==> flow/design.v <==
module cpu_add #(
   parameter int DWIDTH = 64,
   parameter int GB = 2
) (
   input  logic ck,
   input  logic rstn,
   input  logic clk_en,
   input  logic [DWIDTH-1:0] val,
   input  logic init,
   output logic [DWIDTH+GB-1:0] s
);
   logic [DWIDTH-1:0] r_val;
   logic r_init;
   logic [DWIDTH+GB-1:0] accum;
   always_ff @(posedge ck or negedge rstn) begin
      if (!rstn) begin
         r_val <= '0;
         r_init <= 1'b0;
         accum <= '0;
      end else if (clk_en) begin
         r_val <= val;
         r_init <= init;
         accum <= r_init ? 0 : accum + r_val;
      end
   end
   assign s = accum;
endmodule
Step by step through the tools: cpu_add
The steps from the RTL of cpu_add to its reports follow in flow order.
Lines are those of the file above, counted from 1.
Cell names lack the library's common part.
A cell with - has no value.

design
  top = cpu_add
  clock port = ck
  library = sky130hd
  timing corner = tt_025C_1v80

Elaborated design
Yosys after proc, flatten, opt, wreduce and memory -nomap, before mapping. Enables and synchronous resets that opt folds into registers are not counted as muxes. Memory bits, and registers merged into a memory's read port (data or address), are not among the register bits. Print and check cells are not counted. Equal cells are merged and count once.

storage and ports
  flip-flop bits (word level) = 131
  bits in latches = 0
  memory bits (writable) = 0
  ROM bits = 0
  word width x clocked read ports = 0
  memory cells = 0
  bits of input ports = 68
  output and inout port bits = 66

operators by class
  $add $sub $neg = 1
  $mul = 0
  divide/modulo/power cells = 0
  magnitude comparators = 0
  eq/ne operators = 0
  shift operators = 0
  muxes and demuxes = 1
  bitwise operators = 0
  reduce/logical cells = 0

operators by type and width
  cell                     count
  adder 66 x 64 -> 66 bit  1
  2-to-1 mux 66 bit        1

Longest topological paths
Depth = most cells in a row (Yosys ltp): at word level without a register or memory, in the mapped netlist without a sequential cell, where the memories' decode and read muxes count.

depth
  depth after elaboration = 2
  ABC_AREA = 0
  gate-level depth with buffers = 13

Mapped cells and area
Yosys stat after the flow's synthesis: flattened, memories mapped to cells. It holds for the ABC_AREA given above (unset counts as 0); a run with the other value may have another netlist.

synthesis totals
  cells in the netlist = 876
  synthesis area = 8,740.9 um2
  area of sequential cells = 3,278.1 um2
  flip-flop cells = 131
  buffers = 47

cell types
  type      count  area in all (um2)
  dfrtp_1   131    3.28E+03
  ha_1      64     800.768
  mux2_2    64     720.691
  a22o_1    51     446.678
  xnor2_1   44     385.37
  a21oi_1   75     375.36
  a21o_1    32     240.23
  nand2_1   57     213.955
  o21ai_0   37     185.178
  clkbuf_1  33     123.869
  nor2_1    31     116.362
  o21bai_1  15     112.608
  inv_1     28     105.101
  xor2_1    12     105.101
  nand4_1   16     100.096
  nand3_1   16     80.077
  a31oi_1   12     75.072
  o21a_1    9      67.565

Not listed: further types 58, cells in them 149.

Timing after synthesis
Source: OpenSTA report_checks on the synthesized netlist (no wires, ideal clock, input and output delay 20% of the period each), path of least setup slack; recovery checks are left aside. Register names are those of the netlist, which keeps one name where synthesis merged equal registers.

timing path post-synthesis
  path kind = flip-flop to flip-flop
  start = register accum[0]
  end = register accum[54]
  clock period = 3,720 ps
  setup time = 121 ps
  launch time at the first pin = 0 ps
  data arrival time = 2,858 ps
  setup slack = 741 ps
  delay of the path = 2,979 ps
  driving pins on the path = 14
  buffers on the path = 0
  synthesis period reached = 2,979 ps

"delay of the path" = arrival - input delay + setup time.
"driving pins on the path": output pins that drive a net of the path, with the launching flip-flop's if there is one; two outputs of one cell count as two.
"synthesis period reached" = period - worst setup slack (recovery checks aside). The figure is calculated, with input and output delays left at 20% of the set period.
The rows between start and end are the longest chain of elaborated cells between them; the timing report does not say that the signal goes this way. Where chains are equally long, one stands for them.
Each line given opens the expression or statement behind the cell; cells for indexed reads and writes are added by Yosys, which also makes memories of some case tables.

between the ends, post-synthesis
  cell sequence = dfrtp_1 ha_1 inv_1 fa_1 nand2b_1 a21oi_1 o211ai_1 o211a_1 o31ai_4 a21oi_1 o21ai_1 a41oi_2 xnor2_1 a22o_1
  cells in the longest elaborated chain = 2

ends and longest elaborated chain, post-synthesis
  element                  RTL line  text
  start, declared          14        logic [DWIDTH+GB-1:0] accum;
  start, assigned          19        accum <= '0;
  start, assigned          23        accum <= r_init ? 0 : accum + r_val;
  adder 66 x 64 -> 66 bit  23
  2-to-1 mux 66 bit        23
  end, assigned            19
  end, assigned            23
  end, declared            14

Timing after layout
Path of least setup slack in the final report of run A (OpenROAD, finished layout, wires in). Where an end is a register, its clock arrival counts in the times.
The report prints the path's times to 10 ps; the period is as set.

timing path post-layout
  path kind = flip-flop to flip-flop
  start = register accum[0]
  end = register accum[58]
  clock period = 3,720 ps
  setup time = 100 ps
  launch time at the first pin = 430 ps
  data arrival time = 3,710 ps
  setup slack = 330 ps
  driving pins on the path = 14
  buffers on the path = 0

The rows between start and end are the longest chain of elaborated cells between them; the timing report does not say that the signal goes this way. Where chains are equally long, one stands for them.

between the ends, post-layout
  cell sequence = dfrtp_1 ha_1 inv_1 fa_1 nand2b_1 a21oi_1 o211ai_1 o21ai_1 and3_1 o2111a_1 o21ai_1 a211oi_1 nor4_1 o41ai_2
  cells in the longest elaborated chain = 2

ends and longest elaborated chain, post-layout
  element                  RTL line  text
  start, declared          14        logic [DWIDTH+GB-1:0] accum;
  start, assigned          19        accum <= '0;
  start, assigned          23        accum <= r_init ? 0 : accum + r_val;
  adder 66 x 64 -> 66 bit  23
  2-to-1 mux 66 bit        23
  end, assigned            19
  end, assigned            23
  end, declared            14

Lab notebook: cpu_add

Flow measurements of cpu_add on sky130hd: 3 stored runs with different settings, listed in no order. Input and output delays are each 20% of the period that was set; the output load is 0.01 pF.
"achieved clock period" = clock period - worst setup slack. The figure is calculated, with input and output delays left at 20% of the set period.
"allowed time less slack (worst setup path)" means the part of the period allowed to the worst setup path (the constraints hold back 20% at inputs and 20% at outputs) less its slack; where the path has registers, the arrival times of their clocks count too.
"power consumption" rests on the timing tool's default activity at the inputs, not on a simulated workload.
"allowed time less slack (worst setup path)" is given in steps of 10 ps.
A setting shown as -- is not set for that run.
A result given as -- is not shown for that run.

setting or result                                run A                   run B  run C
period_ns                                        3.72                    1.99   2.83
CAP_MARGIN                                       20                      20     20
CORE_MARGIN                                      2                       2      2
CORE_UTILIZATION                                 40                      70     20
SLEW_MARGIN                                      20                      5      20
PLACE_DENSITY_LB_ADDON                           --                      0.12   0.21
CORE_ASPECT_RATIO                                --                      1.85   0.83
ABC_AREA                                         --                      1      1
CTS_CLUSTER_DIAMETER                             --                      64     60
MAX_ROUTING_LAYER                                --                      met4   --
TNS_END_PERCENT                                  --                      --     75
GPL_ROUTABILITY_DRIVEN                           --                      --     0
CTS_CLUSTER_SIZE                                 --                      --     79
MIN_ROUTING_LAYER                                --                      --     met1
power consumption (mW)                           8.868                   --     11.793
area inside the die boundary (um2)               23,050.8                --     52,657.8
setup slack of the worst path (ps)               334                     --     131
standard-cell area after layout (um2)            10,901.7                --     13,016.2
achieved clock period (ps)                       3,386                   --     2,699
allowed time less slack (worst setup path) (ps)  3,390                   --     2,700
critical path kind                               flip-flop to flip-flop  --     flip-flop to flip-flop
sum of negative setup slack (ps)                 0                       --     0
post-synthesis cell area (um2)                   8,740.9                 --     10,166.0
post-route utilization (%)                       50.4                    --     25.8

Run B: did not finish, clock tree synthesis stopped with DPL-0038
